==> flow/design.v <==
module alu_arith_add_top #(
   parameter integer DWIDTH = 32
) (
   input  wire clk,
   input  wire rst_n,
   input  wire [DWIDTH-1:0] op_a,
   input  wire [DWIDTH-1:0] op_b,
   input  wire [DWIDTH-1:0] op_c,
   output reg [DWIDTH+1:0] o
);
   wire [DWIDTH-1:0] nxt = op_a ^ op_b ^ op_c;
   wire [DWIDTH-1:0] chain = (op_a & op_b) | (op_a & op_c) | (op_b & op_c);
   always @(posedge clk or negedge rst_n) begin
      if (!rst_n) begin
         o <= 0;
      end else begin
         o <= nxt + {chain, 1'b0};
      end
   end
endmodule
Tool chain data of alu_arith_add_top. Tool output for the design above, in the order of the flow. Lines are those of the file above, counted from 1. Operators carry their Yosys type and port widths (W data, S select, Z words). Cell names lack the library's common part. A cell with - has no value.

Top: alu_arith_add_top. Clock: clk. Standard-cell library: sky130hd. Library corner: tt_025C_1v80.

Word level. Yosys after proc, flatten, opt, wreduce and memory -nomap, before mapping. Enables and synchronous resets that opt folds into registers are not counted as muxes. Memory bits, and registers merged into a memory's read port (data or address), are not among the register bits. Print and check cells are not counted. Equal cells are merged and count once.

The figure for add/subtract/negate cells is 1. Under bitwise logic cells stands 7.

Operator list (number): $and A32 B32 Y32 (3); $or A32 B32 Y32 (2); $xor A32 B32 Y32 (2); $add A32 B33 Y34 (1).

Under flip-flop bits (word level) stands 34. The entry for input bits reads 98. Under output and inout port bits stands 34. Elaborated cells: 9.

Logic depth. Longest topological path by Yosys (ltp), each cell counted once; first at word level (registers and memories cut), then after technology mapping (sequential cells cut; the memories' decode and read muxes count).

Under depth after elaboration stands 4. The figure for ABC_AREA is 0. The figure for depth in mapped cells is 12. Under mapped depth without buffers stands 12.

Netlist. Yosys stat after the flow's synthesis: flattened, memories mapped to cells. It holds for the ABC_AREA given above (unset counts as 0); a run with the other value may have another netlist.

The figure for mapped cells is 338. Synthesis area: 0.0033482 mm². Under sequential area stands 0.0008508 mm². For flip-flop cells the number is 34. For buffer cells the number is 7.

Cell types: dfrtp_1 (number 34, area in all 850.816 µm²); fa_1 (number 33, area in all 660.634 µm²); ha_1 (number 31, area in all 387.872 µm²); xnor2_1 (number 19, area in all 166.41 µm²); a21oi_1 (number 33, area in all 165.158 µm²); inv_1 (number 29, area in all 108.854 µm²); nand2_1 (number 23, area in all 86.333 µm²); a21o_1 (number 11, area in all 82.579 µm²); nor2_1 (number 20, area in all 75.072 µm²); o21ai_0 (number 15, area in all 75.072 µm²); xor2_1 (number 7, area in all 61.309 µm²); nand3_1 (number 8, area in all 40.038 µm²); o21bai_1 (number 5, area in all 37.536 µm²); nand4_1 (number 5, area in all 31.28 µm²); a221oi_2 (number 2, area in all 30.029 µm²); and2_1 (number 4, area in all 25.024 µm²); o31ai_2 (number 2, area in all 25.024 µm²); a211oi_1 (number 3, area in all 22.522 µm²).

Other cell types: 36; their cells: 54.

Timing after synthesis. Path of least setup slack by OpenSTA after synthesis, without wires, with an ideal clock, recovery checks aside; 20% of the period is set as input and as output delay. Where synthesis merged equal registers, the netlist keeps one of their names.

Path kind: input -> register. From: input port op_a[1]. To: register o[31]. Under clock period stands 3950 ps. The figure for external input delay is 790 ps. The entry for library setup time reads 131 ps. The entry for time at the first pin reads 790 ps. The figure for arrival time is 3188 ps. For data required time the number is 3819 ps. For setup slack the number is 630 ps. The entry for delay of the path reads 2529 ps. The figure for stages on the path is 10. Path buffers: 0. The entry for period reached after synthesis reads 3320 ps.

"delay of the path" is the arrival time less input delay plus setup time. "stages on the path" counts driving pins, that of a launching flip-flop among them; a cell with two outputs on the path counts twice. "period reached after synthesis" is the clock period less the worst setup slack; recovery checks do not enter. This is arithmetic on one report: input and output delays are still those of the set period (20% each). The rows between start and end are the longest chain of elaborated cells between them; the timing report does not say that the signal goes this way. Where chains are equally long, one stands for them. Each line given opens the expression or statement behind the cell; cells for indexed reads and writes are added by Yosys, which also makes memories of some case tables.

Cell sequence: fa_1 ha_1 fa_1 a21o_1 and4_1 o21ai_0 a21oi_2 o21ai_2 nor3_1 or3_1. The entry for length of the longest elaborated chain reads 4. The figure for elaborated cells on any way between the ends is 7. The entry for RTL lines with such cells reads 3. Classes of those cells: add/sub: 1; logic: 6.

Ends and longest elaborated chain, post-synthesis: start, declared (RTL line 6) `input  wire [DWIDTH-1:0] op_a,`; $and A32 B32 Y32 (RTL line 12) `wire [DWIDTH-1:0] chain = (op_a & op_b) | (op_a & op_c) | (op_b & op_c);`; $or A32 B32 Y32 x2 (RTL line 12); $add A32 B33 Y34 (RTL line 17) `o <= nxt + {chain, 1'b0};`; end, assigned (RTL line 15) `o <= 0;`; end, assigned (RTL line 17); end, declared (RTL line 9) `output reg [DWIDTH+1:0] o`.

Timing after layout. From the final timing report of job 2: the path of least setup slack in the routed layout; clock arrival at registers is part of the times. The path's times are printed in steps of 10 ps; the period is the one set.

Path kind: input -> register. From: input port op_a[1]. To: register o[11]. Under clock period stands 3950 ps. The figure for external input delay is 790 ps. The entry for library setup time reads 60 ps. The entry for time at the first pin reads 790 ps. The figure for arrival time is 3820 ps. For data required time the number is 4170 ps. For setup slack the number is 350 ps. The figure for stages on the path is 11. Path buffers: 1.

The rows between start and end are the longest chain of elaborated cells between them; the timing report does not say that the signal goes this way. Where chains are equally long, one stands for them.

Cell sequence: clkdlybuf4s50_1 fa_1 ha_1 fa_1 a21o_1 and4_1 or2_1 a21oi_1 o21bai_1 a2111o_1 nand3_1. The entry for length of the longest elaborated chain reads 4. The figure for elaborated cells on any way between the ends is 7. The entry for RTL lines with such cells reads 3. Classes of those cells: add/sub: 1; logic: 6.

Ends and longest elaborated chain, post-layout: start, declared (RTL line 6) `input  wire [DWIDTH-1:0] op_a,`; $and A32 B32 Y32 (RTL line 12) `wire [DWIDTH-1:0] chain = (op_a & op_b) | (op_a & op_c) | (op_b & op_c);`; $or A32 B32 Y32 x2 (RTL line 12); $add A32 B33 Y34 (RTL line 17) `o <= nxt + {chain, 1'b0};`; end, assigned (RTL line 15) `o <= 0;`; end, assigned (RTL line 17); end, declared (RTL line 9) `output reg [DWIDTH+1:0] o`.

Flow measurements of alu_arith_add_top on sky130hd: 3 stored runs with different settings, listed in no order. Input and output delays are each 20% of the period that was set; the output load is 0.01 pF. "clock period achieved" = clock period - worst setup slack. The figure is calculated, with input and output delays left at 20% of the set period. "time on the worst setup path": the worst setup path's part of the clock period (all of it between registers, 20% less for each end at a port) less its slack. A launch clock that arrives late makes it longer, a capture clock that arrives late makes it shorter. "time on the worst setup path" is given in steps of 10 ps.

Job 1 has these settings: period_ns 1.98; CORE_UTILIZATION 49; PLACE_DENSITY 0.57; HOLD_SLACK_MARGIN 0.21; SLEW_MARGIN 15; MIN_ROUTING_LAYER met2; CAP_MARGIN 20; CORE_MARGIN 2. Outcome: incomplete, routing halted on DPL-0038.

Job 2 has these settings: period_ns 3.95; CAP_MARGIN 20; CORE_MARGIN 2; CORE_UTILIZATION 40; SLEW_MARGIN 20. The overall die area reads 0.0091183 mm². The post-synthesis cell area stands at 0.0033482 mm². The worst setup slack after layout reads 353 ps. The measured clock period achieved is 3,597 ps. The measured time on the worst setup path is 2,810 ps. Worst setup path kind: input -> register. For the standard-cell area of the final layout the run shows 0.0049247 mm². The post-route setup TNS comes to 0 ps.

Job 3 has these settings: period_ns 1.96; CORE_UTILIZATION 60; SETUP_SLACK_MARGIN 0.45; PLACE_DENSITY_LB_ADDON 0.26; HOLD_SLACK_MARGIN 0.12; CORE_ASPECT_RATIO 0.69; CORE_MARGIN 7; CELL_PAD_IN_SITES_GLOBAL_PLACEMENT 1; CELL_PAD_IN_SITES_DETAIL_PLACEMENT 2; TNS_END_PERCENT 10; GPL_ROUTABILITY_DRIVEN 1; CTS_CLUSTER_DIAMETER 110; CAP_MARGIN 30; SLEW_MARGIN 20. Outcome: incomplete, placement halted on FLW-0024.
